==> flow/design.v <==
module dp_sel_unit_p #(
    parameter integer BITS = 16,
    parameter integer LANES = 3
) (
    input wire clk_i,
    input wire nrst,
    input wire [LANES*BITS-1:0] din,
    input wire [LANES-1:0] s,
    output wire [BITS-1:0] dout
);
    reg [LANES*BITS-1:0] din_q;
    reg [LANES-1:0] s_q;
    reg [BITS-1:0] val;
    integer idx;
    always @* begin
        val = 0;
        for (idx = 0; idx < LANES; idx = idx + 1)
            val = val | (din_q[idx*BITS +: BITS] & {BITS{s_q[idx]}});
    end
    assign dout = val;
    always @(posedge clk_i) begin
        if (~nrst) begin
            din_q <= 0;
            s_q <= 0;
        end else begin
            din_q <= din;
            s_q <= s;
        end
    end
endmodule
Lab notebook: dp_sel_unit_p

---- From RTL to reports: dp_sel_unit_p ----
Tool output for the members of one design family, told apart by "LANES", in the order of the flow.
The file above is the member LANES = 3. Line numbers count from 1 in each member's own file.
Library cell names are shortened.
A cell with n/a has no value.
inputs
  top module .............................. dp_sel_unit_p
  clock input ............................. clk_i
  library ................................. sky130hd
  timing corner ........................... tt_025C_1v80

---- Members of the sweep ----
Lines of each other member's file that are new or changed against the file above; lines that a member lacks are not shown.
lines new or changed
  LANES  line  RTL
  6      3     parameter integer LANES = 6
  7      3     parameter integer LANES = 7
  8      3     parameter integer LANES = 8
  16     3     parameter integer LANES = 16

---- Word level ----
Yosys after proc, flatten, opt, wreduce and memory -nomap, before mapping. Enables and synchronous resets that opt folds into registers are not counted as muxes. Memory bits, and registers merged into a memory's read port (data or address), are not among the register bits. Print and check cells are not counted. Equal cells are merged and count once.
storage and ports
  LANES  flip-flop bits (word level)  output and inout port bits
  3      51                           16
  6      102                          16
  7      119                          16
  8      136                          16
  16     272                          16
cells by class
  LANES  bitwise logic cells
  3      5
  6      11
  7      13
  8      15
  16     31
operators with widths
  LANES  kinds with counts
  3      3 x bitwise AND 16 bit; 2 x bitwise OR 16 bit
  6      6 x bitwise AND 16 bit; 5 x bitwise OR 16 bit
  7      7 x bitwise AND 16 bit; 6 x bitwise OR 16 bit
  8      8 x bitwise AND 16 bit; 7 x bitwise OR 16 bit
  16     16 x bitwise AND 16 bit; 15 x bitwise OR 16 bit

---- Logic depth ----
Longest topological path by Yosys (ltp), each cell counted once; first at word level (registers and memories cut), then after technology mapping (sequential cells cut; the memories' decode and read muxes count).
depth
  LANES  depth after elaboration  ABC_AREA  gate-level depth with buffers  depth with buffers taken out
  3      3                        0         3                              2
  6      6                        0         4                              2
  7      7                        0         4                              2
  8      8                        0         4                              2
  16     16                       0         5                              3

---- Netlist ----
Yosys stat after the flow's synthesis: flattened, memories mapped to cells. It holds for the ABC_AREA given above (unset counts as 0); a run with the other value may have another netlist.
Totals and module areas in this step are rounded.
cell types
  LANES  type and count
  3      51 x dfxtp_1; 51 x and2_1; 16 x a222oi_1; 16 x inv_1; 2 x buf_6; 5 x clkbuf_1; 1 x buf_2
  6      102 x dfxtp_1; 102 x and2_1; 43 x a22oi_1; 9 x buf_6; 16 x nand3_1; 5 x a22oi_2; 3 x buf_8; 8 x buf_2; 1 x buf_4; 2 x clkbuf_1
  7      119 x dfxtp_1; 119 x and2_1; 32 x a22oi_1; 16 x a222oi_1; 16 x nand3_1; 11 x clkbuf_1; 7 x buf_2; 2 x buf_6; 4 x clkbuf_2
  8      136 x dfxtp_1; 136 x and2_1; 64 x a22oi_1; 20 x buf_6; 16 x nand4_1; 9 x clkbuf_2; 1 x buf_8; 1 x buf_2
  16     272 x dfxtp_1; 272 x and2_1; 63 x a221oi_1; 58 x a22o_1; 14 x buf_6; 28 x clkbuf_1; 16 x nand4_1; 6 x a22o_2; 9 x clkbuf_2; 8 x buf_2; 2 x buf_8; 1 x a221oi_2; 1 x buf_4
synthesis totals
  LANES  standard cells after synthesis  synthesis area (um^2)  sequential area (um^2)  flip-flop cells  buffers
  3      142                             1610                   1020                    51               8
  6      291                             3350                   2040                    102              23
  7      326                             3730                   2380                    119              24
  8      383                             4440                   2720                    136              31
  16     750                             8770                   5450                    272              62

---- Worst setup path after synthesis ----
Path of least setup slack by OpenSTA after synthesis, without wires, with an ideal clock, recovery checks aside; 20% of the period is set as input and as output delay. Where synthesis merged equal registers, the netlist keeps one of their names.
timing path after synthesis
  LANES  path type                 from             to               clock period (ps)  slack (ps)  stages on the path  delay of the path (ps)  synthesis period reached (ps)
  3      flip-flop to output port  register s_q[0]  output dout[14]  1370               217         4                   879                     1153
  6      flip-flop to output port  register s_q[2]  output dout[14]  1280               202         5                   822                     1078
  7      flip-flop to output port  register s_q[4]  output dout[14]  1450               230         4                   930                     1220
  8      flip-flop to output port  register s_q[4]  output dout[14]  1320               210         5                   846                     1110
  16     flip-flop to output port  register s_q[1]  output dout[10]  1710               272         6                   1096                    1438
"delay of the path" is the arrival time less input delay plus setup time.
At an output port there is no setup time.
"stages on the path": output pins that drive a net of the path, with the launching flip-flop's if there is one; two outputs of one cell count as two.
"synthesis period reached" is the clock period less the worst setup slack; recovery checks do not enter. This is arithmetic on one report: input and output delays are still those of the set period (20% each).
Between the ends stands the longest chain of elaborated cells between them, by number of cells; it is not shown to be the way that was timed. Of several equally long chains one is given.
Each line given opens the expression or statement behind the cell; cells for indexed reads and writes are added by Yosys, which also makes memories of some case tables.
between the ends, after synthesis, LANES = 3
  cells in the longest elaborated chain ... 3
RTL lines, path after synthesis, LANES = 3
  element                         line  RTL
  start, declared                 12    reg [LANES-1:0] s_q;
  start, assigned                 24    s_q <= 0;
  start, assigned                 27    s_q <= s;
  bitwise AND 16 bit              18    val = val | (din_q[idx*BITS +: BITS] & {BITS{s_q[idx]}});
  bitwise OR 16 bit (2 in a row)  18
  end, declared                   9     output wire [BITS-1:0] dout
between the ends, after synthesis, LANES = 16
  cells in the longest elaborated chain ... 16
RTL lines, path after synthesis, LANES = 16
  element                          line  RTL
  start, declared                  12    reg [LANES-1:0] s_q;
  start, assigned                  24    s_q <= 0;
  start, assigned                  27    s_q <= s;
  bitwise AND 16 bit               18    val = val | (din_q[idx*BITS +: BITS] & {BITS{s_q[idx]}});
  bitwise OR 16 bit (15 in a row)  18
  end, declared                    9     output wire [BITS-1:0] dout

---- Timing after layout ----
From the final timing report of each member's run: the path of least setup slack in the routed layout; clock arrival at registers is part of the times.
The report prints the path's times to 10 ps; the period is as set.
timing path after layout
  LANES  path type                 from              to               clock period (ps)  slack (ps)  stages on the path  data arrival time (ps)
  3      flip-flop to output port  register s_q[0]   output dout[15]  1370               -220        5                   1310
  6      flip-flop to output port  register s_q[0]   output dout[7]   1280               -320        6                   1340
  7      flip-flop to output port  register s_q[4]   output dout[5]   1450               -620        5                   1780
  8      flip-flop to output port  register s_q[7]   output dout[13]  1320               -450        5                   1500
  16     flip-flop to output port  register s_q[11]  output dout[15]  1710               -550        7                   1920

---- Layout results ----
One run of the flow (Yosys, OpenROAD) for each member, with settings and measured results. Input and output delays are each 20% of the period that was set; the output load is 0.01 pF.
flow settings
  CAP_MARGIN .............................. 20
  CORE_MARGIN ............................. 2
  CORE_UTILIZATION ........................ 40
  SLEW_MARGIN ............................. 20
settings that differ
  LANES  period_ns
  3      1.37
  6      1.28
  7      1.45
  8      1.32
  16     1.71
measured results
  LANES  synthesis area (um^2)  die footprint (um^2)  std-cell area (final layout) (um^2)  utilization in the final report (%)  setup slack of the critical path (ps)  setup TNS (ps)  smallest hold slack (ps)  power consumption (mW)  clock period reached (ps)
  3      1610                   4540                  2390                                 60.6                                 -216                                   -3020           550                       2.72                    1586
  6      3350                   9120                  4980                                 61.0                                 -316                                   -4100           424                       6.19                    1596
  7      3730                   10100                 5920                                 64.6                                 -620                                   -8460           319                       8.10                    2070
  8      4440                   12000                 6740                                 62.1                                 -449                                   -6210           205                       9.71                    1769
  16     8770                   23100                 13600                                62.7                                 -551                                   -7510           239                       14.3                    2261
"clock period reached" means the clock period less the worst setup slack. The figure is calculated, with input and output delays left at 20% of the set period.
"power consumption" rests on the timing tool's default activity at the inputs, not on a simulated workload.
The measured numbers are rounded.
